==> flow/design.v <==
module cpu_sel_unit_mod #(
    parameter NBITS = 10
) (
    input wire aclk,
    input wire rst_ni,
    input wire [NBITS-1:0] i_src0,
    input wire [NBITS-1:0] i_src1,
    input wire [NBITS-1:0] i_src2,
    input wire [1:0] i_s,
    output reg [NBITS-1:0] o_o
);
    reg [NBITS-1:0] work;
    always @(*) begin
        casez (i_s)
            2'b?1: work = i_src0;
            2'b10: work = i_src1;
            default: work = i_src2;
        endcase
    end
    always @(posedge aclk or negedge rst_ni) begin
        if (!rst_ni) begin
            o_o <= 0;
        end else begin
            o_o <= work;
        end
    end
endmodule
Ticket comment

* Reports on cpu_sel_unit_mod
Tool output for the members of one design family, told apart by "inputs", in the order of the flow.
The file above is the member inputs 3. Line numbers count from 1 in each member's own file.
Library cell names are shortened.
Not given: -
- Top module :: cpu_sel_unit_mod
- Clock port :: aclk
- Library :: sky130hd
- Timing corner :: tt_025C_1v80

* Source of the members
Lines of each other member's file that are new or changed against the file above; lines that a member lacks are not shown.
** New or changed lines
- inputs 4 :: line 9 : input wire [NBITS-1:0] i_src3,
- inputs 4 :: line 10 : input wire [2:0] i_s,
- inputs 4 :: line 16 : 3'b??1: work = i_src0;
- inputs 4 :: line 17 : 3'b?10: work = i_src1;
- inputs 4 :: line 18 : 3'b100: work = i_src2;
- inputs 4 :: line 19 : default: work = i_src3;
- inputs 5 :: line 9 : input wire [NBITS-1:0] i_src3,
- inputs 5 :: line 10 : input wire [NBITS-1:0] i_src4,
- inputs 5 :: line 11 : input wire [3:0] i_s,
- inputs 5 :: line 17 : 4'b???1: work = i_src0;
- inputs 5 :: line 18 : 4'b??10: work = i_src1;
- inputs 5 :: line 19 : 4'b?100: work = i_src2;
- inputs 5 :: line 20 : 4'b1000: work = i_src3;
- inputs 5 :: line 21 : default: work = i_src4;
- inputs 6 :: line 9 : input wire [NBITS-1:0] i_src3,
- inputs 6 :: line 10 : input wire [NBITS-1:0] i_src4,
- inputs 6 :: line 11 : input wire [NBITS-1:0] i_src5,
- inputs 6 :: line 12 : input wire [4:0] i_s,
- inputs 6 :: line 18 : 5'b????1: work = i_src0;
- inputs 6 :: line 19 : 5'b???10: work = i_src1;
- inputs 6 :: line 20 : 5'b??100: work = i_src2;
- inputs 6 :: line 21 : 5'b?1000: work = i_src3;
- inputs 6 :: line 22 : 5'b10000: work = i_src4;
- inputs 6 :: line 23 : default: work = i_src5;
- inputs 8 :: line 9 : input wire [NBITS-1:0] i_src3,
- inputs 8 :: line 10 : input wire [NBITS-1:0] i_src4,
- inputs 8 :: line 11 : input wire [NBITS-1:0] i_src5,
- inputs 8 :: line 12 : input wire [NBITS-1:0] i_src6,
- inputs 8 :: line 13 : input wire [NBITS-1:0] i_src7,
- inputs 8 :: line 14 : input wire [6:0] i_s,
- inputs 8 :: line 20 : 7'b??????1: work = i_src0;
- inputs 8 :: line 21 : 7'b?????10: work = i_src1;
- inputs 8 :: line 22 : 7'b????100: work = i_src2;
- inputs 8 :: line 23 : 7'b???1000: work = i_src3;
- inputs 8 :: line 24 : 7'b??10000: work = i_src4;
- inputs 8 :: line 25 : 7'b?100000: work = i_src5;
- inputs 8 :: line 26 : 7'b1000000: work = i_src6;
- inputs 8 :: line 27 : default: work = i_src7;
- inputs 10 :: line 9 : input wire [NBITS-1:0] i_src3,
- inputs 10 :: line 10 : input wire [NBITS-1:0] i_src4,
- inputs 10 :: line 11 : input wire [NBITS-1:0] i_src5,
- inputs 10 :: line 12 : input wire [NBITS-1:0] i_src6,
- inputs 10 :: line 13 : input wire [NBITS-1:0] i_src7,
- inputs 10 :: line 14 : input wire [NBITS-1:0] i_src8,
- inputs 10 :: line 15 : input wire [NBITS-1:0] i_src9,
- inputs 10 :: line 16 : input wire [8:0] i_s,
- inputs 10 :: line 22 : 9'b????????1: work = i_src0;
- inputs 10 :: line 23 : 9'b???????10: work = i_src1;
- inputs 10 :: line 24 : 9'b??????100: work = i_src2;
- inputs 10 :: line 25 : 9'b?????1000: work = i_src3;
- inputs 10 :: line 26 : 9'b????10000: work = i_src4;
- inputs 10 :: line 27 : 9'b???100000: work = i_src5;
- inputs 10 :: line 28 : 9'b??1000000: work = i_src6;
- inputs 10 :: line 29 : 9'b?10000000: work = i_src7;
- inputs 10 :: line 30 : 9'b100000000: work = i_src8;
- inputs 10 :: line 31 : default: work = i_src9;
- inputs 12 :: line 9 : input wire [NBITS-1:0] i_src3,
- inputs 12 :: line 10 : input wire [NBITS-1:0] i_src4,
- inputs 12 :: line 11 : input wire [NBITS-1:0] i_src5,
- inputs 12 :: line 12 : input wire [NBITS-1:0] i_src6,
- inputs 12 :: line 13 : input wire [NBITS-1:0] i_src7,
- inputs 12 :: line 14 : input wire [NBITS-1:0] i_src8,
- inputs 12 :: line 15 : input wire [NBITS-1:0] i_src9,
- inputs 12 :: line 16 : input wire [NBITS-1:0] i_src10,
- inputs 12 :: line 17 : input wire [NBITS-1:0] i_src11,
- inputs 12 :: line 18 : input wire [10:0] i_s,
- inputs 12 :: line 24 : 11'b??????????1: work = i_src0;
- inputs 12 :: line 25 : 11'b?????????10: work = i_src1;
- inputs 12 :: line 26 : 11'b????????100: work = i_src2;
- inputs 12 :: line 27 : 11'b???????1000: work = i_src3;
- inputs 12 :: line 28 : 11'b??????10000: work = i_src4;
- inputs 12 :: line 29 : 11'b?????100000: work = i_src5;
- inputs 12 :: line 30 : 11'b????1000000: work = i_src6;
- inputs 12 :: line 31 : 11'b???10000000: work = i_src7;
- inputs 12 :: line 32 : 11'b??100000000: work = i_src8;
- inputs 12 :: line 33 : 11'b?1000000000: work = i_src9;
- inputs 12 :: line 34 : 11'b10000000000: work = i_src10;
- inputs 12 :: line 35 : default: work = i_src11;

* Word level
Yosys after proc, flatten, opt, wreduce and memory -nomap, before mapping. Enables and synchronous resets that opt folds into registers are not counted as muxes. Memory bits, and registers merged into a memory's read port (data or address), are not among the register bits. Print and check cells are not counted. Equal cells are merged and count once.
** Operators by class
- inputs 3 :: muxes and demuxes 1, equality and inequality tests 1
- inputs 4 :: muxes and demuxes 1, equality and inequality tests 2
- inputs 5 :: muxes and demuxes 1, equality and inequality tests 3
- inputs 6 :: muxes and demuxes 1, equality and inequality tests 4
- inputs 8 :: muxes and demuxes 1, equality and inequality tests 6
- inputs 10 :: muxes and demuxes 1, equality and inequality tests 8
- inputs 12 :: muxes and demuxes 1, equality and inequality tests 10
** Operators by type and width (kind and count)
- inputs 3 :: 1 x case mux 10 bit (select 2 bit); 1 x == test 2 bit (second input constant)
- inputs 4 :: 1 x case mux 10 bit (select 3 bit); 1 x == test 3 bit (second input constant); 1 x == test 2 bit (second input constant)
- inputs 5 :: 1 x case mux 10 bit (select 4 bit); 1 x == test 4 bit (second input constant); 1 x == test 3 bit (second input constant); 1 x == test 2 bit (second input constant)
- inputs 6 :: 1 x case mux 10 bit (select 5 bit); 1 x == test 5 bit (second input constant); 1 x == test 4 bit (second input constant); 1 x == test 3 bit (second input constant); 1 x == test 2 bit (second input constant)
- inputs 8 :: 1 x case mux 10 bit (select 7 bit); 1 x == test 7 bit (second input constant); 1 x == test 6 bit (second input constant); 1 x == test 5 bit (second input constant); 1 x == test 4 bit (second input constant); 1 x == test 3 bit (second input constant); 1 x == test 2 bit (second input constant)
- inputs 10 :: 1 x case mux 10 bit (select 9 bit); 1 x == test 9 bit (second input constant); 1 x == test 8 bit (second input constant); 1 x == test 7 bit (second input constant); 1 x == test 6 bit (second input constant); 1 x == test 5 bit (second input constant); 1 x == test 4 bit (second input constant); 1 x == test 3 bit (second input constant); 1 x == test 2 bit (second input constant)
- inputs 12 :: 1 x case mux 10 bit (select 11 bit); 1 x == test 11 bit (second input constant); 1 x == test 10 bit (second input constant); 1 x == test 9 bit (second input constant); 1 x == test 8 bit (second input constant); 1 x == test 7 bit (second input constant); 1 x == test 6 bit (second input constant); 1 x == test 5 bit (second input constant); 1 x == test 4 bit (second input constant); 1 x == test 3 bit (second input constant); 1 x == test 2 bit (second input constant)
** Word-level totals
- inputs 3 :: flip-flop bits (word level) 10, cells after elaboration 3
- inputs 4 :: flip-flop bits (word level) 10, cells after elaboration 4
- inputs 5 :: flip-flop bits (word level) 10, cells after elaboration 5
- inputs 6 :: flip-flop bits (word level) 10, cells after elaboration 6
- inputs 8 :: flip-flop bits (word level) 10, cells after elaboration 8
- inputs 10 :: flip-flop bits (word level) 10, cells after elaboration 10
- inputs 12 :: flip-flop bits (word level) 10, cells after elaboration 12

* Depth
Yosys ltp: most cells in a row. Word level: on the elaborated netlist, between registers, memories and ports. Mapped: between sequential cells and ports; inverters and the memories' decode and read muxes count.
** Logic depth
- inputs 3 :: depth after elaboration 2, ABC_AREA 0, depth in mapped cells 3, mapped depth without buffers 2
- inputs 4 :: depth after elaboration 2, ABC_AREA 0, depth in mapped cells 4, mapped depth without buffers 3
- inputs 5 :: depth after elaboration 2, ABC_AREA 0, depth in mapped cells 4, mapped depth without buffers 3
- inputs 6 :: depth after elaboration 2, ABC_AREA 0, depth in mapped cells 4, mapped depth without buffers 3
- inputs 8 :: depth after elaboration 2, ABC_AREA 0, depth in mapped cells 4, mapped depth without buffers 3
- inputs 10 :: depth after elaboration 2, ABC_AREA 0, depth in mapped cells 6, mapped depth without buffers 4
- inputs 12 :: depth after elaboration 2, ABC_AREA 0, depth in mapped cells 5, mapped depth without buffers 4

* Netlist
The flow's flattened synthesis, as Yosys stat reports it; memories are mapped. The netlist is that of the ABC_AREA named above (0 if unset); the other value can give another one.
** Cell types (type and count)
- inputs 3 :: 10 x dfrtp_1; 10 x mux2i_1; 9 x o21ai_1; 10 x nand2_1; 1 x buf_6; 2 x buf_2; 1 x o21ai_2
- inputs 4 :: 10 x dfrtp_1; 10 x a221o_1; 20 x nor2_1; 10 x a21oi_1; 10 x inv_2; 10 x nand2_1; 3 x buf_2; 1 x buf_6; 2 x clkbuf_1; 1 x or3_1
- inputs 5 :: 10 x dfrtp_1; 10 x a22o_1; 10 x nand3b_1; 9 x a31oi_1; 10 x a21oi_1; 10 x inv_1; 10 x nand2_1; 9 x nor2_1; 1 x nor4b_4; 4 x buf_2; 1 x a31oi_2; 1 x buf_6; 1 x or4_4; 2 x clkbuf_1; 1 x nor2_2
- inputs 6 :: 10 x dfrtp_1; 10 x a2bb2oi_2; 10 x a22o_1; 10 x a22oi_1; 10 x nand3b_1; 11 x nand2b_1; 10 x a21oi_1; 10 x inv_1; 5 x buf_2; 1 x nor4b_4; 3 x clkbuf_1; 1 x nor4_1
- inputs 8 :: 10 x dfrtp_1; 21 x nor2b_1; 10 x a32o_1; 10 x o32a_1; 10 x a2111oi_0; 10 x nand3b_1; 10 x a31oi_1; 11 x inv_1; 10 x nand2_1; 7 x clkbuf_1; 1 x nor4b_2; 2 x or4_1; 1 x nor4_2; 2 x buf_2; 1 x buf_1
- inputs 10 :: 10 x dfrtp_1; 41 x nand2_1; 20 x nand3b_1; 19 x a21oi_1; 9 x a2bb2oi_1; 10 x a211oi_1; 10 x a21boi_0; 11 x a31oi_1; 10 x o21ai_0; 12 x clkbuf_1; 10 x nor2_1; 1 x nor4b_2; 1 x nor4_2; 2 x or3_1; 1 x buf_6; 1 x or4_4; 2 x inv_1; 1 x nor2_2; [+3]
- inputs 12 :: 10 x dfrtp_1; 40 x nand2_1; 20 x a31oi_1; 10 x a221o_1; 10 x a221oi_1; 10 x a22o_1; 10 x a32oi_1; 10 x nand3b_1; 17 x clkbuf_1; 10 x nand2b_1; 10 x nor2_2; 10 x a21oi_1; 10 x o21ai_0; 2 x or4_4; 1 x nor4_4; 2 x nor2b_1; 2 x or3_1; 1 x buf_6; [+5]
The mark [+n] counts cells that are not listed.
** Mapped netlist
- inputs 3 :: flip-flops 10, chip area (Yosys) 462.9 um2, standard cells after synthesis 43, sequential part of the area 250.2 um2
- inputs 4 :: flip-flops 10, chip area (Yosys) 590.6 um2, standard cells after synthesis 77, sequential part of the area 250.2 um2
- inputs 5 :: flip-flops 10, chip area (Yosys) 720.7 um2, standard cells after synthesis 89, sequential part of the area 250.2 um2
- inputs 6 :: flip-flops 10, chip area (Yosys) 860.8 um2, standard cells after synthesis 91, sequential part of the area 250.2 um2
- inputs 8 :: flip-flops 10, chip area (Yosys) 968.4 um2, standard cells after synthesis 116, sequential part of the area 250.2 um2
- inputs 10 :: flip-flops 10, chip area (Yosys) 1173.6 um2, standard cells after synthesis 174, sequential part of the area 250.2 um2
- inputs 12 :: flip-flops 10, chip area (Yosys) 1362.6 um2, standard cells after synthesis 190, sequential part of the area 250.2 um2

* Timing after synthesis
Path of least setup slack by OpenSTA after synthesis, without wires, with an ideal clock, recovery checks aside; 20% of the period is set as input and as output delay. Where synthesis merged equal registers, the netlist keeps one of their names.
** Path post-synthesis
- inputs 3 :: kind input port to flip-flop, start input i_s[1], end register o_o[9], stages 3, setup slack 129 ps, path delay 521 ps, clock period 812 ps, synthesis period reached 683 ps
- inputs 4 :: kind input port to flip-flop, start input i_s[0], end register o_o[0], stages 4, setup slack 187 ps, path delay 748 ps, clock period 1170 ps, synthesis period reached 983 ps
- inputs 5 :: kind input port to flip-flop, start input i_s[2], end register o_o[3], stages 4, setup slack 239 ps, path delay 952 ps, clock period 1490 ps, synthesis period reached 1251 ps
- inputs 6 :: kind input port to flip-flop, start input i_s[2], end register o_o[0], stages 4, setup slack 207 ps, path delay 833 ps, clock period 1300 ps, synthesis period reached 1093 ps
- inputs 8 :: kind input port to flip-flop, start input i_s[2], end register o_o[0], stages 4, setup slack 336 ps, path delay 1360 ps, clock period 2120 ps, synthesis period reached 1784 ps
- inputs 10 :: kind input port to flip-flop, start input i_s[2], end register o_o[0], stages 6, setup slack 373 ps, path delay 1499 ps, clock period 2340 ps, synthesis period reached 1967 ps
- inputs 12 :: kind input port to flip-flop, start input i_s[4], end register o_o[0], stages 5, setup slack 342 ps, path delay 1362 ps, clock period 2130 ps, synthesis period reached 1788 ps
"path delay" = arrival - input delay + setup time.
"stages": output pins that drive a net of the path, with the launching flip-flop's if there is one; two outputs of one cell count as two.
"synthesis period reached" = period - worst setup slack (recovery checks aside). The figure is calculated, with input and output delays left at 20% of the set period.
Between the ends stands the longest chain of elaborated cells between them, by number of cells; it is not shown to be the way that was timed. Of several equally long chains one is given.
Each line given opens the expression or statement behind the cell; cells for indexed reads and writes are added by Yosys, which also makes memories of some case tables.
On the way, post-synthesis, inputs 3:
- Cells in the longest elaborated chain :: 2
** Ends and longest elaborated chain, post-synthesis, inputs 3
- start, declared :: line 9 : input wire [1:0] i_s,
- == test 2 bit :: line 14 : casez (i_s)
- case mux 10 bit (select 2 bit) :: line 14
- end, assigned :: line 22 : o_o <= 0;
- end, assigned :: line 24 : o_o <= work;
- end, declared :: line 10 : output reg [NBITS-1:0] o_o
On the way, post-synthesis, inputs 12:
- Cells in the longest elaborated chain :: 2
** Ends and longest elaborated chain, post-synthesis, inputs 12
- start, declared :: line 18 : input wire [10:0] i_s,
- == test 11 bit :: line 23 : casez (i_s)
- case mux 10 bit (select 11 bit) :: line 23
- end, assigned :: line 40 : o_o <= 0;
- end, assigned :: line 42 : o_o <= work;
- end, declared :: line 19 : output reg [NBITS-1:0] o_o

* Path in the finished layout
From the final timing report of the run of each member: the path of least setup slack in the routed layout; clock arrival at registers is part of the times.
The path's times are printed in steps of 10 ps; the period is the one set.
** Path after layout
- inputs 3 :: kind flip-flop to output port, start register o_o[4], end output o_o[4], buffers on the path 1, arrival time 790 ps, stages 2, clock period 812 ps, setup slack -140 ps
- inputs 4 :: kind input port to flip-flop, start input i_src2[4], end register o_o[4], buffers on the path 1, arrival time 1340 ps, stages 4, clock period 1170 ps, setup slack -10 ps
- inputs 5 :: kind input port to flip-flop, start input i_s[3], end register o_o[1], buffers on the path 1, arrival time 1600 ps, stages 4, clock period 1490 ps, setup slack 20 ps
- inputs 6 :: kind input port to flip-flop, start input i_s[2], end register o_o[4], buffers on the path 3, arrival time 1460 ps, stages 6, clock period 1300 ps, setup slack 40 ps
- inputs 8 :: kind input port to flip-flop, start input i_s[2], end register o_o[3], buffers on the path 2, arrival time 2230 ps, stages 5, clock period 2120 ps, setup slack 30 ps
- inputs 10 :: kind input port to flip-flop, start input i_s[2], end register o_o[9], buffers on the path 1, arrival time 2360 ps, stages 5, clock period 2340 ps, setup slack 160 ps
- inputs 12 :: kind input port to flip-flop, start input i_s[4], end register o_o[2], buffers on the path 1, arrival time 2180 ps, stages 5, clock period 2130 ps, setup slack 90 ps

* Measured runs
One run of the flow (Yosys, OpenROAD) for each member, with settings and measured results. Input and output delays are each 20% of the period that was set; the output load is 0.01 pF.
- CAP_MARGIN :: 20
- CORE_MARGIN :: 2
- CORE_UTILIZATION :: 40
- SLEW_MARGIN :: 20
** Settings that differ (period_ns)
- inputs 3 :: 0.812
- inputs 4 :: 1.17
- inputs 5 :: 1.49
- inputs 6 :: 1.3
- inputs 8 :: 2.12
- inputs 10 :: 2.34
- inputs 12 :: 2.13
** Final reports
- inputs 3 :: total design power 1430 µW, die size 1445.5 um2, standard-cell area after routing 989.7 um2, utilization 90.3%, chip area in the Yosys report 462.9 um2, setup slack of the worst path -136 ps, period achieved 948 ps, final setup TNS -1201 ps
- inputs 4 :: total design power 982.7 µW, die size 1799.9 um2, standard-cell area after routing 1218.7 um2, utilization 91.4%, chip area in the Yosys report 590.6 um2, setup slack of the worst path -10 ps, period achieved 1180 ps, final setup TNS -12 ps
- inputs 5 :: total design power 837.2 µW, die size 2157.1 um2, standard-cell area after routing 1482.7 um2, utilization 86.8%, chip area in the Yosys report 720.7 um2, setup slack of the worst path 22 ps, period achieved 1468 ps, final setup TNS 0 ps
- inputs 6 :: total design power 1125 µW, die size 2539.2 um2, standard-cell area after routing 1757.9 um2, utilization 87.8%, chip area in the Yosys report 860.8 um2, setup slack of the worst path 36 ps, period achieved 1264 ps, final setup TNS 0 ps
- inputs 8 :: total design power 752.8 µW, die size 2830.8 um2, standard-cell area after routing 2107.0 um2, utilization 93.5%, chip area in the Yosys report 968.4 um2, setup slack of the worst path 27 ps, period achieved 2093 ps, final setup TNS 0 ps
- inputs 10 :: total design power 711.7 µW, die size 3383.2 um2, standard-cell area after routing 2486.1 um2, utilization 89.4%, chip area in the Yosys report 1173.6 um2, setup slack of the worst path 165 ps, period achieved 2175 ps, final setup TNS 0 ps
- inputs 12 :: total design power 842.7 µW, die size 3889.4 um2, standard-cell area after routing 2924.1 um2, utilization 88.3%, chip area in the Yosys report 1362.6 um2, setup slack of the worst path 85 ps, period achieved 2045 ps, final setup TNS 0 ps
"period achieved": clock period set for the run, less the worst setup slack. It is reckoned from that one timing run; input and output delays stay at 20% of the period that was set.
"total design power": no workload was simulated; the value follows from the tool's default switching activity.
